==> flow/design.v <==
module my_rf #(
    parameter NWORDS = 4,
    parameter DW = 24,
    parameter IDX_W = $clog2(NWORDS)
) (
    input  ck,
    input  i_rst_n,
    input  step,
    input  in_write,
    input  [IDX_W-1:0] in_wr_idx,
    input  [DW-1:0] in_wdata,
    input  [IDX_W-1:0] in_rsel,
    output [DW-1:0] out_rdata
);
    reg write_reg;
    reg [IDX_W-1:0] wr_idx_reg;
    reg [DW-1:0] wdata_reg;
    always @(posedge ck or negedge i_rst_n) begin
        if (!i_rst_n) begin
            write_reg <= 1'b0;
            wr_idx_reg <= 0;
            wdata_reg <= 0;
        end else if (step) begin
            write_reg <= in_write;
            wr_idx_reg <= in_wr_idx;
            wdata_reg <= in_wdata;
        end
    end
    reg [DW-1:0] regs [0:NWORDS-1];
    always @(posedge ck) begin
        if (step && write_reg)
            regs[wr_idx_reg] <= wdata_reg;
    end
    reg [IDX_W-1:0] rsel_reg;
    always @(posedge ck or negedge i_rst_n) begin
        if (!i_rst_n) begin
            rsel_reg <= 0;
        end else if (step) begin
            rsel_reg <= in_rsel;
        end
    end
    assign out_rdata = regs[rsel_reg];
endmodule
## Reports on my_rf

What the tools print for my_rf, step after step.
Lines are those of the file above, counted from 1.
Library cell names are shortened.
The mark -- stands for no value.

- Top module: my_rf
- Clock port: ck
- Standard-cell library: sky130hd
- Library corner: tt_025C_1v80

## Word level

Source: Yosys, flattened and elaborated, memories not mapped. Widths are those after wreduce; folded enables and synchronous resets count as part of the registers. Registers that Yosys merges into a memory's read port (data or address) are not register bits. Print and check cells do not count. Equal cells are merged and count once.
Memory sizes are those after Yosys's memory passes, which may raise the word count (mostly to a power of two), join words into wider ones and drop unused or constant bits.

- Input port bits: 32
- Memory bits (writable): 96
- Memories: 1
- Bits in registers: 29

Memories:

| memory | words | width | read ports | wr ports | line | source |
|---|---|---|---|---|---|---|
| regs | 4 | 24 | 1 | 1 | 29 | `reg [DW-1:0] regs [0:NWORDS-1];` |

- Muxes and demuxes: 3
- Reductions and logical operators: 1

Operators by type and width:

| operator | number |
|---|---|
| 24-bit 2-to-1 mux | 1 |
| 2-bit 2-to-1 mux | 1 |
| 1-bit logical AND | 1 |
| 1-bit 2-to-1 mux | 1 |

## Depth

Yosys ltp: most cells in a row. Word level: on the elaborated netlist, between registers, memories and ports. Mapped: between sequential cells and ports; inverters and the memories' decode and read muxes count.

- Depth in word-level cells: 2
- ABC_AREA: 0
- Depth in mapped cells: 3
- Depth with buffers taken out: 1

## Synthesis result

Source: synth_stat.txt of the flow (Yosys; design flattened, memories mapped). It holds for the ABC_AREA given above (unset counts as 0); a run with the other value may have another netlist.

- Sequential part of the area: 3608.5 um^2
- Mapped cells: 192
- Cell area after synthesis: 4619.4 um^2
- Flip-flop cells: 125

Cell types:

| cell | number | area in all (um^2) |
|---|---|---|
| edfxtp_1 | 96 | 2.88E+03 |
| dfrtp_1 | 29 | 725.696 |
| mux4_2 | 19 | 427.91 |
| mux2_2 | 29 | 326.563 |
| mux4_1 | 5 | 131.376 |
| buf_12 | 2 | 40.038 |
| buf_2 | 7 | 35.034 |
| and4b_1 | 2 | 20.019 |
| buf_6 | 1 | 11.261 |
| nor4bb_1 | 1 | 10.01 |
| and4_1 | 1 | 8.758 |

## Timing after synthesis

Source: OpenSTA report_checks on the synthesized netlist (no wires, ideal clock, input and output delay 20% of the period each), path of least setup slack; recovery checks are left aside. Register names are those of the netlist, which keeps one name where synthesis merged equal registers.

- Kind: input port to flip-flop
- Start point: in step
- End point: mem regs[0][0]
- Path delay: 3.156 ns
- Period: 4.93 ns
- Input delay: 0.986 ns
- Data arrival time: 3.676 ns
- Setup time: 0.466 ns
- Stages on the path: 3
- Buffers on the path: 2
- Setup slack: 0.788 ns
- Required time: 4.464 ns
- Synthesis period reached: 4.142 ns

"path delay" = arrival - input delay + setup time.
"stages on the path": output pins that drive a net of the path, with the launching flip-flop's if there is one; two outputs of one cell count as two.
"synthesis period reached" is the clock period less the worst setup slack; recovery checks do not enter. This is arithmetic on one report: input and output delays are still those of the set period (20% each).
Between the ends stands the longest chain of elaborated cells between them, by number of cells; it is not shown to be the way that was timed. Of several equally long chains one is given.
A line is the first line of the expression or statement that the cell stems from. Yosys adds cells for indexed reads and writes and turns some case tables into memories.
The path ends at the enable pin of a flip-flop; only ways to that pin are counted.

- Cells stage by stage: buf_2 -> buf_2 -> nor4bb_1
- Length of the longest elaborated chain: 2

RTL lines, path after synthesis:

| element | line | source |
|---|---|---|
| from (decl) | 8 | `input  step,` |
| 1-bit logical AND | 31 | `if (step && write_reg)` |
| 2-bit 2-to-1 mux | 31 |  |
| to (decl) | 29 | `reg [DW-1:0] regs [0:NWORDS-1];` |

## Timing after layout

From the final timing report of run A: the path of least setup slack in the routed layout; clock arrival at registers is part of the times.

- Kind: flip-flop to output port
- Start point: reg rsel_reg[0]
- End point: out out_rdata[3]
- Buffers on the path: 2
- Period: 2.72 ns
- Stages on the path: 4
- Setup slack: 0.09 ns
- Required time: 2.18 ns
- Data arrival time: 2.08 ns

Between the ends stands the longest chain of elaborated cells between them, by number of cells; it is not shown to be the way that was timed. Of several equally long chains one is given.
The chain passes a memory read, where the word-level depth is cut; so it can be longer than that depth.

- Cells stage by stage: dfrtp_2 -> buf_12 -> mux4_1 -> clkdlybuf4s50_1
- Length of the longest elaborated chain: 1

RTL lines, path after layout:

| element | line | source |
|---|---|---|
| from (decl) | 34 | `reg [IDX_W-1:0] rsel_reg;` |
| from (assign) | 37 | `rsel_reg <= 0;` |
| from (assign) | 39 | `rsel_reg <= in_rsel;` |
| memory 4 x 24 bit | 29 | `reg [DW-1:0] regs [0:NWORDS-1];` |
| to (decl) | 13 | `output [DW-1:0] out_rdata` |

# Flow runs of my_rf

Design my_rf on sky130hd. What follows are 3 stored runs of the flow, each under its own settings; their order means nothing. The constraints put input and output delay at 20% of the set period each and load the outputs with 0.01 pF.
By "clock period reached" is meant the clock period of the run minus its worst setup slack. This is arithmetic on one report: input and output delays are still those of the set period (20% each).
"critical path time" means the part of the period allowed to the worst setup path (the constraints hold back 20% at inputs and 20% at outputs) less its slack; where the path has registers, the arrival times of their clocks count too.
"total design power": no workload was simulated; the value follows from the tool's default switching activity.

### Run A

Settings: `period_ns=2.72`, `CORE_UTILIZATION=32`, `PLACE_DENSITY_LB_ADDON=0.0`, `ABC_AREA=0`, `GPL_ROUTABILITY_DRIVEN=0`, `CAP_MARGIN=20`, `CORE_MARGIN=2`, `SLEW_MARGIN=20`

- Total design power: 4.861 mW
- Final design utilization: 0.434
- Cell area after synthesis: 4619.4 um^2
- Worst setup slack after layout: 0.095 ns
- Critical path time: 2.08 ns
- Class of the worst setup path: flip-flop to output port
- Total negative setup slack: 0.000 ns
- Clock period reached: 2.625 ns
- Overall die area: 15413.2 um^2
- Standard-cell area after layout: 6064.6 um^2

### Run B

Settings: `period_ns=6.26`, `CORE_UTILIZATION=17`, `PLACE_DENSITY=0.68`, `HOLD_SLACK_MARGIN=0.17`, `GPL_TIMING_DRIVEN=1`, `CTS_CLUSTER_DIAMETER=320`, `CAP_MARGIN=5`, `SLEW_MARGIN=35`, `MAX_ROUTING_LAYER=met5`, `CORE_MARGIN=2`

- Total design power: 2.064 mW
- Final design utilization: 0.229
- Cell area after synthesis: 4619.4 um^2
- Worst setup slack after layout: 2.702 ns
- Critical path time: 2.31 ns
- Class of the worst setup path: flip-flop to output port
- Total negative setup slack: 0.000 ns
- Clock period reached: 3.558 ns
- Overall die area: 28506.9 um^2
- Standard-cell area after layout: 6127.1 um^2

### Run C

Settings: `period_ns=4.93`, `CAP_MARGIN=20`, `CORE_MARGIN=2`, `CORE_UTILIZATION=40`, `SLEW_MARGIN=20`

- Total design power: 2.678 mW
- Final design utilization: 0.521
- Cell area after synthesis: 4619.4 um^2
- Worst setup slack after layout: 1.413 ns
- Critical path time: 2.53 ns
- Class of the worst setup path: flip-flop to output port
- Total negative setup slack: 0.000 ns
- Clock period reached: 3.517 ns
- Overall die area: 12424.4 um^2
- Standard-cell area after layout: 5900.7 um^2
